==> flow/design.v <==
module cpu_add #(
   parameter int DWIDTH = 8,
   parameter int GB = 2
) (
   input  logic ck,
   input  logic rstn,
   input  logic clk_en,
   input  logic [DWIDTH-1:0] val,
   input  logic init,
   output logic [DWIDTH+GB-1:0] s
);
   logic [DWIDTH-1:0] r_val;
   logic r_init;
   logic [DWIDTH+GB-1:0] accum;
   always_ff @(posedge ck or negedge rstn) begin
      if (!rstn) begin
         r_val <= '0;
         r_init <= 1'b0;
         accum <= '0;
      end else if (clk_en) begin
         r_val <= val;
         r_init <= init;
         accum <= r_init ? 0 : accum + r_val;
      end
   end
   assign s = accum;
endmodule
Step by step through the tools: cpu_add
Tool output for the members of one design family, told apart by "DWIDTH", in the order of the flow.
The RTL above is that of DWIDTH = 8; lines are counted from 1 in the file of the member named.
Library cell names are shortened.
{"block": "setup", "top_module": "cpu_add", "clk_port": "ck", "cell_library": "sky130hd", "pvt_corner": "tt_025C_1v80"}

Members of the sweep
Lines of each other member's file that are new or changed against the file above; lines that a member lacks are not shown.
{"block": "src_changes", "DWIDTH": 14, "line_no": 2, "text": "parameter int DWIDTH = 14,"}
{"block": "src_changes", "DWIDTH": 18, "line_no": 2, "text": "parameter int DWIDTH = 18,"}
{"block": "src_changes", "DWIDTH": 24, "line_no": 2, "text": "parameter int DWIDTH = 24,"}
{"block": "src_changes", "DWIDTH": 64, "line_no": 2, "text": "parameter int DWIDTH = 64,"}

Elaborated design
Counts by Yosys on the flattened word-level netlist (proc, flatten, opt, wreduce; memories kept). Register bits leave out memories and registers merged into their read ports (data or address); mux counts leave out enables and synchronous resets folded into registers. Print and check cells are left out. Cells with the same type and inputs are merged into one.
{"block": "bits", "DWIDTH": 8, "rom_bits": 0, "ff_bits": 19, "latchBits": 0, "input_bits": 12, "ramBits": 0, "memories": 0, "clocked_rd_ports_x_width": 0, "output_inout_bits": 10, "word_cells": 5}
{"block": "bits", "DWIDTH": 14, "rom_bits": 0, "ff_bits": 31, "latchBits": 0, "input_bits": 18, "ramBits": 0, "memories": 0, "clocked_rd_ports_x_width": 0, "output_inout_bits": 16, "word_cells": 5}
{"block": "bits", "DWIDTH": 18, "rom_bits": 0, "ff_bits": 39, "latchBits": 0, "input_bits": 22, "ramBits": 0, "memories": 0, "clocked_rd_ports_x_width": 0, "output_inout_bits": 20, "word_cells": 5}
{"block": "bits", "DWIDTH": 24, "rom_bits": 0, "ff_bits": 51, "latchBits": 0, "input_bits": 28, "ramBits": 0, "memories": 0, "clocked_rd_ports_x_width": 0, "output_inout_bits": 26, "word_cells": 5}
{"block": "bits", "DWIDTH": 64, "rom_bits": 0, "ff_bits": 131, "latchBits": 0, "input_bits": 68, "ramBits": 0, "memories": 0, "clocked_rd_ports_x_width": 0, "output_inout_bits": 66, "word_cells": 5}
{"block": "classes", "DWIDTH": 8, "logic": 0, "n_div": 0, "muxes": 1, "n_addsub": 1, "n_reduce_logical": 0, "shift": 0, "mul": 0, "equal": 0, "n_cmp": 0}
{"block": "classes", "DWIDTH": 14, "logic": 0, "n_div": 0, "muxes": 1, "n_addsub": 1, "n_reduce_logical": 0, "shift": 0, "mul": 0, "equal": 0, "n_cmp": 0}
{"block": "classes", "DWIDTH": 18, "logic": 0, "n_div": 0, "muxes": 1, "n_addsub": 1, "n_reduce_logical": 0, "shift": 0, "mul": 0, "equal": 0, "n_cmp": 0}
{"block": "classes", "DWIDTH": 24, "logic": 0, "n_div": 0, "muxes": 1, "n_addsub": 1, "n_reduce_logical": 0, "shift": 0, "mul": 0, "equal": 0, "n_cmp": 0}
{"block": "classes", "DWIDTH": 64, "logic": 0, "n_div": 0, "muxes": 1, "n_addsub": 1, "n_reduce_logical": 0, "shift": 0, "mul": 0, "equal": 0, "n_cmp": 0}
{"block": "ops", "DWIDTH": 8, "op_list": "adder 10 x 8 -> 10 bit: 1; two-way mux 10 bit: 1"}
{"block": "ops", "DWIDTH": 14, "op_list": "adder 16 x 14 -> 16 bit: 1; two-way mux 16 bit: 1"}
{"block": "ops", "DWIDTH": 18, "op_list": "adder 20 x 18 -> 20 bit: 1; two-way mux 20 bit: 1"}
{"block": "ops", "DWIDTH": 24, "op_list": "adder 26 x 24 -> 26 bit: 1; two-way mux 26 bit: 1"}
{"block": "ops", "DWIDTH": 64, "op_list": "adder 66 x 64 -> 66 bit: 1; two-way mux 66 bit: 1"}

Logic depth
Yosys ltp: most cells in a row. Word level: on the elaborated netlist, between registers, memories and ports. Mapped: between sequential cells and ports; inverters and the memories' decode and read muxes count.
{"block": "depth", "DWIDTH": 8, "depth_word": 2, "ABC_AREA": 0, "mapped_depth": 8, "ltp_nobuf": 8}
{"block": "depth", "DWIDTH": 14, "depth_word": 2, "ABC_AREA": 0, "mapped_depth": 9, "ltp_nobuf": 9}
{"block": "depth", "DWIDTH": 18, "depth_word": 2, "ABC_AREA": 0, "mapped_depth": 8, "ltp_nobuf": 8}
{"block": "depth", "DWIDTH": 24, "depth_word": 2, "ABC_AREA": 0, "mapped_depth": 9, "ltp_nobuf": 9}
{"block": "depth", "DWIDTH": 64, "depth_word": 2, "ABC_AREA": 0, "mapped_depth": 13, "ltp_nobuf": 13}

Netlist
The flow's flattened synthesis, as Yosys stat reports it; memories are mapped. The netlist is that of the ABC_AREA named above (0 if unset); the other value can give another one.
Totals and module areas in this step are rounded.
{"block": "types", "DWIDTH": 8, "type_list": "dfrtp_1: 19; ha_1: 8; mux2_2: 8; o21ai_0: 6; inv_1: 7; nand2_1: 7; a21oi_1: 5; a21o_1: 3; o21a_1: 3; fa_1: 1; nor2_1: 5; o2bb2ai_1: 2; xor2_1: 2; o41ai_2: 1; nand3b_1: 2; o211ai_1: 2; nor2b_4: 1; nor3_1: 2; [+20]"}
{"block": "types", "DWIDTH": 14, "type_list": "dfrtp_1: 31; ha_1: 14; mux2_2: 14; o21a_1: 9; a21oi_1: 12; a22o_1: 6; nand2_1: 13; o21ai_0: 9; nand3_1: 7; xnor2_1: 4; xor2_1: 4; nor2b_1: 5; a21o_1: 4; clkbuf_1: 7; inv_1: 7; nor2_1: 7; o211ai_1: 3; a32o_1: 2; [+25]"}
{"block": "types", "DWIDTH": 18, "type_list": "dfrtp_1: 39; ha_1: 18; mux2_2: 19; a21oi_1: 18; nand2_1: 15; a22o_1: 6; xor2_1: 6; clkbuf_1: 12; inv_1: 12; nand3_1: 9; xnor2_1: 5; o21ai_0: 8; nor2_1: 9; and3_1: 5; a21o_1: 4; a221o_1: 3; nor3_1: 5; o22ai_1: 4; [+43]"}
{"block": "types", "DWIDTH": 24, "type_list": "dfrtp_1: 51; ha_1: 24; mux2_2: 24; a21oi_1: 20; nand2_1: 26; a22o_1: 11; xnor2_1: 10; a21o_1: 10; o21ai_0: 15; nor2_1: 14; nand2b_1: 7; xor2_1: 5; nand3_1: 8; o21a_1: 5; clkbuf_1: 9; a21oi_4: 2; and3_1: 5; nor3_1: 6; [+73]"}
{"block": "types", "DWIDTH": 64, "type_list": "dfrtp_1: 131; ha_1: 64; mux2_2: 64; a22o_1: 51; xnor2_1: 44; a21oi_1: 75; a21o_1: 32; nand2_1: 57; o21ai_0: 37; clkbuf_1: 33; nor2_1: 31; o21bai_1: 15; inv_1: 28; xor2_1: 12; nand4_1: 16; nand3_1: 16; a31oi_1: 12; o21a_1: 9; [+149]"}
The mark [+n] counts cells that are not listed.
{"block": "mapped", "DWIDTH": 8, "ff_cells": 19, "mapped_area_um2": 1100, "n_buf": 4, "mapped_cells": 104}
{"block": "mapped", "DWIDTH": 14, "ff_cells": 31, "mapped_area_um2": 1866, "n_buf": 7, "mapped_cells": 183}
{"block": "mapped", "DWIDTH": 18, "ff_cells": 39, "mapped_area_um2": 2430, "n_buf": 14, "mapped_cells": 240}
{"block": "mapped", "DWIDTH": 24, "ff_cells": 51, "mapped_area_um2": 3321, "n_buf": 12, "mapped_cells": 325}
{"block": "mapped", "DWIDTH": 64, "ff_cells": 131, "mapped_area_um2": 8741, "n_buf": 47, "mapped_cells": 876}

Timing after synthesis
Path of least setup slack by OpenSTA after synthesis, without wires, with an ideal clock, recovery checks aside; 20% of the period is set as input and as output delay. Where synthesis merged equal registers, the netlist keeps one of their names.
{"block": "synth_timing", "DWIDTH": 8, "path_type": "flip-flop to flip-flop", "startpoint": "register accum[0]", "endpoint": "register accum[6]", "clock_period_ns": 2.31, "setup_slack_ns": 0.465, "path_delay_ns": 1.844, "stages": 9, "synth_period_reached_ns": 1.845}
{"block": "synth_timing", "DWIDTH": 14, "path_type": "flip-flop to flip-flop", "startpoint": "register accum[0]", "endpoint": "register accum[14]", "clock_period_ns": 2.68, "setup_slack_ns": 0.533, "path_delay_ns": 2.147, "stages": 10, "synth_period_reached_ns": 2.147}
{"block": "synth_timing", "DWIDTH": 18, "path_type": "flip-flop to flip-flop", "startpoint": "register accum[0]", "endpoint": "register accum[18]", "clock_period_ns": 3.03, "setup_slack_ns": 0.607, "path_delay_ns": 2.422, "stages": 8, "synth_period_reached_ns": 2.423}
{"block": "synth_timing", "DWIDTH": 24, "path_type": "flip-flop to flip-flop", "startpoint": "register accum[9]", "endpoint": "register accum[25]", "clock_period_ns": 2.83, "setup_slack_ns": 0.564, "path_delay_ns": 2.266, "stages": 8, "synth_period_reached_ns": 2.266}
{"block": "synth_timing", "DWIDTH": 64, "path_type": "flip-flop to flip-flop", "startpoint": "register accum[0]", "endpoint": "register accum[54]", "clock_period_ns": 3.72, "setup_slack_ns": 0.741, "path_delay_ns": 2.979, "stages": 14, "synth_period_reached_ns": 2.979}
"path_delay_ns" = arrival - input delay + setup time.
"stages": output pins that drive a net of the path, with the launching flip-flop's if there is one; two outputs of one cell count as two.
"synth_period_reached_ns" = period - worst setup slack (recovery checks aside). The figure is calculated, with input and output delays left at 20% of the set period.
Between the ends stands the longest chain of elaborated cells between them, by number of cells; it is not shown to be the way that was timed. Of several equally long chains one is given.
Each line given opens the expression or statement behind the cell; cells for indexed reads and writes are added by Yosys, which also makes memories of some case tables.
{"block": "synth_between_DWIDTH_8", "elab_chain_len": 2}
{"block": "synth_rtl_DWIDTH_8", "item": "start, declared", "line_no": 14, "text": "logic [DWIDTH+GB-1:0] accum;"}
{"block": "synth_rtl_DWIDTH_8", "item": "start, assigned", "line_no": 19, "text": "accum <= '0;"}
{"block": "synth_rtl_DWIDTH_8", "item": "start, assigned", "line_no": 23, "text": "accum <= r_init ? 0 : accum + r_val;"}
{"block": "synth_rtl_DWIDTH_8", "item": "adder 10 x 8 -> 10 bit", "line_no": 23}
{"block": "synth_rtl_DWIDTH_8", "item": "two-way mux 10 bit", "line_no": 23}
{"block": "synth_rtl_DWIDTH_8", "item": "end, assigned", "line_no": 19}
{"block": "synth_rtl_DWIDTH_8", "item": "end, assigned", "line_no": 23}
{"block": "synth_rtl_DWIDTH_8", "item": "end, declared", "line_no": 14}
{"block": "synth_between_DWIDTH_64", "elab_chain_len": 2}
{"block": "synth_rtl_DWIDTH_64", "item": "start, declared", "line_no": 14, "text": "logic [DWIDTH+GB-1:0] accum;"}
{"block": "synth_rtl_DWIDTH_64", "item": "start, assigned", "line_no": 19, "text": "accum <= '0;"}
{"block": "synth_rtl_DWIDTH_64", "item": "start, assigned", "line_no": 23, "text": "accum <= r_init ? 0 : accum + r_val;"}
{"block": "synth_rtl_DWIDTH_64", "item": "adder 66 x 64 -> 66 bit", "line_no": 23}
{"block": "synth_rtl_DWIDTH_64", "item": "two-way mux 66 bit", "line_no": 23}
{"block": "synth_rtl_DWIDTH_64", "item": "end, assigned", "line_no": 19}
{"block": "synth_rtl_DWIDTH_64", "item": "end, assigned", "line_no": 23}
{"block": "synth_rtl_DWIDTH_64", "item": "end, declared", "line_no": 14}

Timing after layout
From the final timing report of the run of each member: the path of least setup slack in the routed layout; clock arrival at registers is part of the times.
{"block": "layout_timing", "DWIDTH": 8, "path_type": "flip-flop to flip-flop", "startpoint": "register accum[0]", "endpoint": "register accum[6]", "setup_slack_ns": 0.30, "stages": 9, "clock_period_ns": 2.31, "arrival_time_ns": 2.22, "n_path_buf": 0}
{"block": "layout_timing", "DWIDTH": 14, "path_type": "flip-flop to flip-flop", "startpoint": "register accum[0]", "endpoint": "register accum[14]", "setup_slack_ns": 0.37, "stages": 10, "clock_period_ns": 2.68, "arrival_time_ns": 2.48, "n_path_buf": 0}
{"block": "layout_timing", "DWIDTH": 18, "path_type": "flip-flop to flip-flop", "startpoint": "register accum[0]", "endpoint": "register accum[18]", "setup_slack_ns": 0.49, "stages": 8, "clock_period_ns": 3.03, "arrival_time_ns": 2.73, "n_path_buf": 0}
{"block": "layout_timing", "DWIDTH": 24, "path_type": "flip-flop to flip-flop", "startpoint": "register accum[0]", "endpoint": "register accum[22]", "setup_slack_ns": 0.35, "stages": 10, "clock_period_ns": 2.83, "arrival_time_ns": 2.67, "n_path_buf": 0}
{"block": "layout_timing", "DWIDTH": 64, "path_type": "flip-flop to flip-flop", "startpoint": "register accum[0]", "endpoint": "register accum[58]", "setup_slack_ns": 0.33, "stages": 14, "clock_period_ns": 3.72, "arrival_time_ns": 3.71, "n_path_buf": 0}

Measured runs
One run of the flow (Yosys, OpenROAD) for each member, with settings and measured results. Input and output delays are each 20% of the period that was set; the output load is 0.01 pF.
{"block": "settings", "CAP_MARGIN": 20, "CORE_MARGIN": 2, "CORE_UTILIZATION": 40, "SLEW_MARGIN": 20}
{"block": "settings_diff", "DWIDTH": 8, "period_ns": 2.31}
{"block": "settings_diff", "DWIDTH": 14, "period_ns": 2.68}
{"block": "settings_diff", "DWIDTH": 18, "period_ns": 3.03}
{"block": "settings_diff", "DWIDTH": 24, "period_ns": 2.83}
{"block": "settings_diff", "DWIDTH": 64, "period_ns": 3.72}
{"block": "measured", "DWIDTH": 8, "finish.stdcell_area_um2": 1374, "timing.setup.tns_ns": 0.000, "utilization_pct": 51.1, "final_setup_ws_ns": 0.300, "power.total_mw": 1.308, "design_die_area_um2": 3185, "achieved_period_ns": 2.010, "ys_area_um2": 1100}
{"block": "measured", "DWIDTH": 14, "finish.stdcell_area_um2": 2346, "timing.setup.tns_ns": 0.000, "utilization_pct": 53.1, "final_setup_ws_ns": 0.368, "power.total_mw": 2.211, "design_die_area_um2": 5226, "achieved_period_ns": 2.312, "ys_area_um2": 1866}
{"block": "measured", "DWIDTH": 18, "finish.stdcell_area_um2": 2995, "timing.setup.tns_ns": 0.000, "utilization_pct": 50.9, "final_setup_ws_ns": 0.485, "power.total_mw": 2.579, "design_die_area_um2": 6714, "achieved_period_ns": 2.545, "ys_area_um2": 2430}
{"block": "measured", "DWIDTH": 24, "finish.stdcell_area_um2": 4096, "timing.setup.tns_ns": 0.000, "utilization_pct": 50.4, "final_setup_ws_ns": 0.350, "power.total_mw": 3.787, "design_die_area_um2": 9047, "achieved_period_ns": 2.480, "ys_area_um2": 3321}
{"block": "measured", "DWIDTH": 64, "finish.stdcell_area_um2": 10900, "timing.setup.tns_ns": 0.000, "utilization_pct": 50.4, "final_setup_ws_ns": 0.334, "power.total_mw": 8.868, "design_die_area_um2": 23050, "achieved_period_ns": 3.386, "ys_area_um2": 8741}
"achieved_period_ns": clock period set for the run, less the worst setup slack. It is reckoned from that one timing run; input and output delays stay at 20% of the period that was set.
"power.total_mw": no workload was simulated; the value follows from the tool's default switching activity.
Values from the reports are rounded here.
